==> flow/design.v <==
module mpy_top #(
  parameter DW = 5
) (
  input  CLK,
  input  aresetn,
  input  [DW-1:0] op_a_i,
  input  [DW-1:0] op_b_i,
  output [DW-1:0] result_o
);
  reg [DW-1:0] op_a_r;
  reg [DW-1:0] op_b_r;
  reg [DW-1:0] result_r;
  assign result_o = result_r;
  always @(posedge CLK) begin
    if (!aresetn) begin
      op_a_r <= 0;
      op_b_r <= 0;
      result_r <= 0;
    end else begin
      op_a_r <= op_a_i;
      op_b_r <= op_b_i;
      result_r <= op_a_r * op_b_r;
    end
  end
endmodule
==> reports on mpy_top <==
Tool chain data of mpy_top
A sweep over "DW": the same steps for each member of the family.
The file above is the member DW 5. Line numbers count from 1 in each member's own file.
Cell names lack the library's common part.
{"block": "inputs", "top_module": "mpy_top", "clock": "CLK", "cell_library": "sky130hd", "lib_corner": "tt_025C_1v80"}

Members of the sweep
Lines of each other member's file that are new or changed against the file above; lines that a member lacks are not shown.
{"block": "changed_lines", "DW": 6, "line": 2, "text": "parameter DW = 6"}
{"block": "changed_lines", "DW": 8, "line": 2, "text": "parameter DW = 8"}
{"block": "changed_lines", "DW": 10, "line": 2, "text": "parameter DW = 10"}

Word-level counts
Counts by Yosys on the flattened word-level netlist (proc, flatten, opt, wreduce; memories kept). Register bits leave out memories and registers merged into their read ports (data or address); mux counts leave out enables and synchronous resets folded into registers. Print and check cells are left out. Cells with the same type and inputs are merged into one.
{"block": "bits", "DW": 5, "word_cells": 4, "out_inout_bits": 5, "inputBits": 12, "regBits": 15}
{"block": "bits", "DW": 6, "word_cells": 4, "out_inout_bits": 6, "inputBits": 14, "regBits": 18}
{"block": "bits", "DW": 8, "word_cells": 4, "out_inout_bits": 8, "inputBits": 18, "regBits": 24}
{"block": "bits", "DW": 10, "word_cells": 4, "out_inout_bits": 10, "inputBits": 22, "regBits": 30}
{"block": "classes", "DW": 5, "n_mul": 1}
{"block": "classes", "DW": 6, "n_mul": 1}
{"block": "classes", "DW": 8, "n_mul": 1}
{"block": "classes", "DW": 10, "n_mul": 1}
{"block": "op_table", "DW": 5, "operators": "1 x multiplier 5 x 5 -> 5 bit"}
{"block": "op_table", "DW": 6, "operators": "1 x multiplier 6 x 6 -> 6 bit"}
{"block": "op_table", "DW": 8, "operators": "1 x multiplier 8 x 8 -> 8 bit"}
{"block": "op_table", "DW": 10, "operators": "1 x multiplier 10 x 10 -> 10 bit"}

Logic depth
Depth = most cells in a row (Yosys ltp): at word level without a register or memory, in the mapped netlist without a sequential cell, where the memories' decode and read muxes count.
{"block": "logic_depth", "DW": 5, "word_depth": 1, "abc_area": 0, "mapped_depth": 11, "ltp_nobuf": 11}
{"block": "logic_depth", "DW": 6, "word_depth": 1, "abc_area": 0, "mapped_depth": 10, "ltp_nobuf": 10}
{"block": "logic_depth", "DW": 8, "word_depth": 1, "abc_area": 0, "mapped_depth": 15, "ltp_nobuf": 15}
{"block": "logic_depth", "DW": 10, "word_depth": 1, "abc_area": 0, "mapped_depth": 17, "ltp_nobuf": 16}

Netlist
Yosys stat after the flow's synthesis: flattened, memories mapped to cells. It holds for the ABC_AREA given above (unset counts as 0); a run with the other value may have another netlist.
{"block": "mapped", "DW": 5, "n_buf": 1, "ff_cells": 15, "stdcells": 62, "mapped_area_um2": 683.2, "sequential_area_um2": 300.3}
{"block": "mapped", "DW": 6, "n_buf": 1, "ff_cells": 18, "stdcells": 81, "mapped_area_um2": 888.4, "sequential_area_um2": 360.3}
{"block": "mapped", "DW": 8, "n_buf": 2, "ff_cells": 24, "stdcells": 151, "mapped_area_um2": 1519.0, "sequential_area_um2": 480.5}
{"block": "mapped", "DW": 10, "n_buf": 4, "ff_cells": 30, "stdcells": 235, "mapped_area_um2": 2235.9, "sequential_area_um2": 600.6}
{"block": "by_type", "DW": 5, "cell_types": "15 x dfxtp_1; 18 x and2_1; 6 x ha_1; 2 x xnor3_1; 2 x fa_1; 3 x xnor2_1; 3 x and2_2; 6 x nand2_1; 3 x inv_1; 1 x nor2b_2; 1 x xor2_1; 1 x and3_1; 1 x clkbuf_1"}
{"block": "by_type", "DW": 6, "cell_types": "18 x dfxtp_1; 29 x and2_1; 5 x fa_1; 7 x ha_1; 2 x xnor3_1; 7 x nand2_1; 3 x xnor2_1; 2 x xor2_1; 3 x inv_1; 1 x mux2i_1; 1 x and3_1; 1 x nand2b_1; 1 x nor2b_1; 1 x clkbuf_1"}
{"block": "by_type", "DW": 8, "cell_types": "24 x dfxtp_1; 12 x fa_1; 36 x and2_1; 16 x ha_1; 9 x xnor2_1; 20 x inv_1; 17 x nand2_1; 2 x xnor3_1; 4 x and2_2; 2 x xor2_1; 1 x xnor2_2; 2 x a21o_1; 2 x a21oi_1; 1 x and3_2; 2 x clkbuf_1; 1 x nand2_2"}
{"block": "by_type", "DW": 10, "cell_types": "30 x dfxtp_1; 22 x fa_1; 24 x ha_1; 40 x and2_1; 37 x nand2_1; 33 x inv_1; 13 x xnor2_1; 3 x xnor2_2; 5 x and2_2; 3 x xor2_1; 1 x xnor3_1; 2 x and3b_1; 3 x a21oi_1; 3 x o21ai_0; 3 x clkbuf_1; 3 x nor2_1; 1 x a21o_1; 1 x o21bai_1; (+8)"}
The mark (+n) counts cells that are not listed.

Timing after synthesis
Source: OpenSTA report_checks on the synthesized netlist (no wires, ideal clock, input and output delay 20% of the period each), path of least setup slack; recovery checks are left aside. Register names are those of the netlist, which keeps one name where synthesis merged equal registers.
{"block": "synth_path", "DW": 5, "path_type": "register -> register", "from": "register op_b_r[2]", "to": "register result_r[4]", "driving_pins": 12, "setup_slack_ps": 734, "path_delay_ps": 2946, "tclk_ps": 3680, "synth_period_reached_ps": 2946}
{"block": "synth_path", "DW": 6, "path_type": "register -> register", "from": "register op_a_r[2]", "to": "register result_r[5]", "driving_pins": 10, "setup_slack_ps": 742, "path_delay_ps": 2977, "tclk_ps": 3720, "synth_period_reached_ps": 2978}
{"block": "synth_path", "DW": 8, "path_type": "register -> register", "from": "register op_a_r[0]", "to": "register result_r[7]", "driving_pins": 15, "setup_slack_ps": 921, "path_delay_ps": 3660, "tclk_ps": 4580, "synth_period_reached_ps": 3659}
{"block": "synth_path", "DW": 10, "path_type": "register -> register", "from": "register op_b_r[3]", "to": "register result_r[9]", "driving_pins": 17, "setup_slack_ps": 1082, "path_delay_ps": 4328, "tclk_ps": 5410, "synth_period_reached_ps": 4328}
"path_delay_ps" = arrival - input delay + setup time.
"driving_pins": output pins that drive a net of the path, with the launching flip-flop's if there is one; two outputs of one cell count as two.
"synth_period_reached_ps" is the clock period less the worst setup slack; recovery checks do not enter. This is arithmetic on one report: input and output delays are still those of the set period (20% each).
Between the ends stands the longest chain of elaborated cells between them, by number of cells; it is not shown to be the way that was timed. Of several equally long chains one is given.
A line is the first line of the expression or statement that the cell stems from. Yosys adds cells for indexed reads and writes and turns some case tables into memories.
{"block": "synth_via_DW_5", "elab_chain_cells": 1}
{"block": "synth_rtl_DW_5", "item": "start, declared", "line": 11, "text": "reg [DW-1:0] op_b_r;"}
{"block": "synth_rtl_DW_5", "item": "start, assigned", "line": 17, "text": "op_b_r <= 0;"}
{"block": "synth_rtl_DW_5", "item": "start, assigned", "line": 21, "text": "op_b_r <= op_b_i;"}
{"block": "synth_rtl_DW_5", "item": "multiplier 5 x 5 -> 5 bit", "line": 22, "text": "result_r <= op_a_r * op_b_r;"}
{"block": "synth_rtl_DW_5", "item": "end, assigned", "line": 18, "text": "result_r <= 0;"}
{"block": "synth_rtl_DW_5", "item": "end, assigned", "line": 22}
{"block": "synth_rtl_DW_5", "item": "end, declared", "line": 12, "text": "reg [DW-1:0] result_r;"}
{"block": "synth_via_DW_10", "elab_chain_cells": 1}
{"block": "synth_rtl_DW_10", "item": "start, declared", "line": 11, "text": "reg [DW-1:0] op_b_r;"}
{"block": "synth_rtl_DW_10", "item": "start, assigned", "line": 17, "text": "op_b_r <= 0;"}
{"block": "synth_rtl_DW_10", "item": "start, assigned", "line": 21, "text": "op_b_r <= op_b_i;"}
{"block": "synth_rtl_DW_10", "item": "multiplier 10 x 10 -> 10 bit", "line": 22, "text": "result_r <= op_a_r * op_b_r;"}
{"block": "synth_rtl_DW_10", "item": "end, assigned", "line": 18, "text": "result_r <= 0;"}
{"block": "synth_rtl_DW_10", "item": "end, assigned", "line": 22}
{"block": "synth_rtl_DW_10", "item": "end, declared", "line": 12, "text": "reg [DW-1:0] result_r;"}

Path in the finished layout
Path of least setup slack in the final report of the run of each member (OpenROAD, finished layout, wires in). Where an end is a register, its clock arrival counts in the times.
The report prints the path's times to 10 ps; the period is as set.
{"block": "layout_path", "DW": 5, "path_type": "register -> register", "from": "register op_b_r[2]", "to": "register result_r[4]", "setup_slack_ps": 590, "tclk_ps": 3680, "n_path_buf": 0, "arrival_ps": 3320, "driving_pins": 12}
{"block": "layout_path", "DW": 6, "path_type": "register -> register", "from": "register op_a_r[2]", "to": "register result_r[5]", "setup_slack_ps": 650, "tclk_ps": 3720, "n_path_buf": 0, "arrival_ps": 3270, "driving_pins": 10}
{"block": "layout_path", "DW": 8, "path_type": "register -> register", "from": "register op_a_r[0]", "to": "register result_r[7]", "setup_slack_ps": 630, "tclk_ps": 4580, "n_path_buf": 0, "arrival_ps": 4110, "driving_pins": 15}
{"block": "layout_path", "DW": 10, "path_type": "register -> register", "from": "register op_b_r[3]", "to": "register result_r[9]", "setup_slack_ps": 790, "tclk_ps": 5410, "n_path_buf": 0, "arrival_ps": 4800, "driving_pins": 17}

Layout results
Settings and results of one run of the flow (Yosys, OpenROAD) for each member follow. The constraints put input and output delay at 20% of the set period each and load the outputs with 0.01 pF.
{"block": "settings", "CAP_MARGIN": 20, "CORE_MARGIN": 2, "CORE_UTILIZATION": 40, "SLEW_MARGIN": 20}
{"block": "settings_diff", "DW": 5, "period_ns": 3.68}
{"block": "settings_diff", "DW": 6, "period_ns": 3.72}
{"block": "settings_diff", "DW": 8, "period_ns": 4.58}
{"block": "settings_diff", "DW": 10, "period_ns": 5.41}
{"block": "results", "DW": 5, "yosys_chip_area_um2": 683.2, "cell_area_final_um2": 887.1, "period_less_ws_ps": 3090, "design.die.area_um2": 2054.4, "fin_power_w": 0.0003109, "setup_worst_slack_ps": 590, "finish.utilization_pct": 56.9, "fin_hold_ws_ps": 556, "fin_tns_ps": 0}
{"block": "results", "DW": 6, "yosys_chip_area_um2": 888.4, "cell_area_final_um2": 1146.1, "period_less_ws_ps": 3074, "design.die.area_um2": 2613.8, "fin_power_w": 0.0003809, "setup_worst_slack_ps": 646, "finish.utilization_pct": 53.3, "fin_hold_ws_ps": 554, "fin_tns_ps": 0}
{"block": "results", "DW": 8, "yosys_chip_area_um2": 1519.0, "cell_area_final_um2": 1893.1, "period_less_ws_ps": 3948, "design.die.area_um2": 4306.0, "fin_power_w": 0.0005102, "setup_worst_slack_ps": 632, "finish.utilization_pct": 51.7, "fin_hold_ws_ps": 615, "fin_tns_ps": 0}
{"block": "results", "DW": 10, "yosys_chip_area_um2": 2235.9, "cell_area_final_um2": 2715.1, "period_less_ws_ps": 4620, "design.die.area_um2": 6203.9, "fin_power_w": 0.0005835, "setup_worst_slack_ps": 790, "finish.utilization_pct": 49.9, "fin_hold_ws_ps": 662, "fin_tns_ps": 0}
"period_less_ws_ps" = clock period - worst setup slack. The figure is calculated, with input and output delays left at 20% of the set period.
By "fin_power_w" is meant OpenSTA's value without simulated activity: inputs other than the clock are taken to toggle once in ten clock periods, and the tool carries that through the logic.
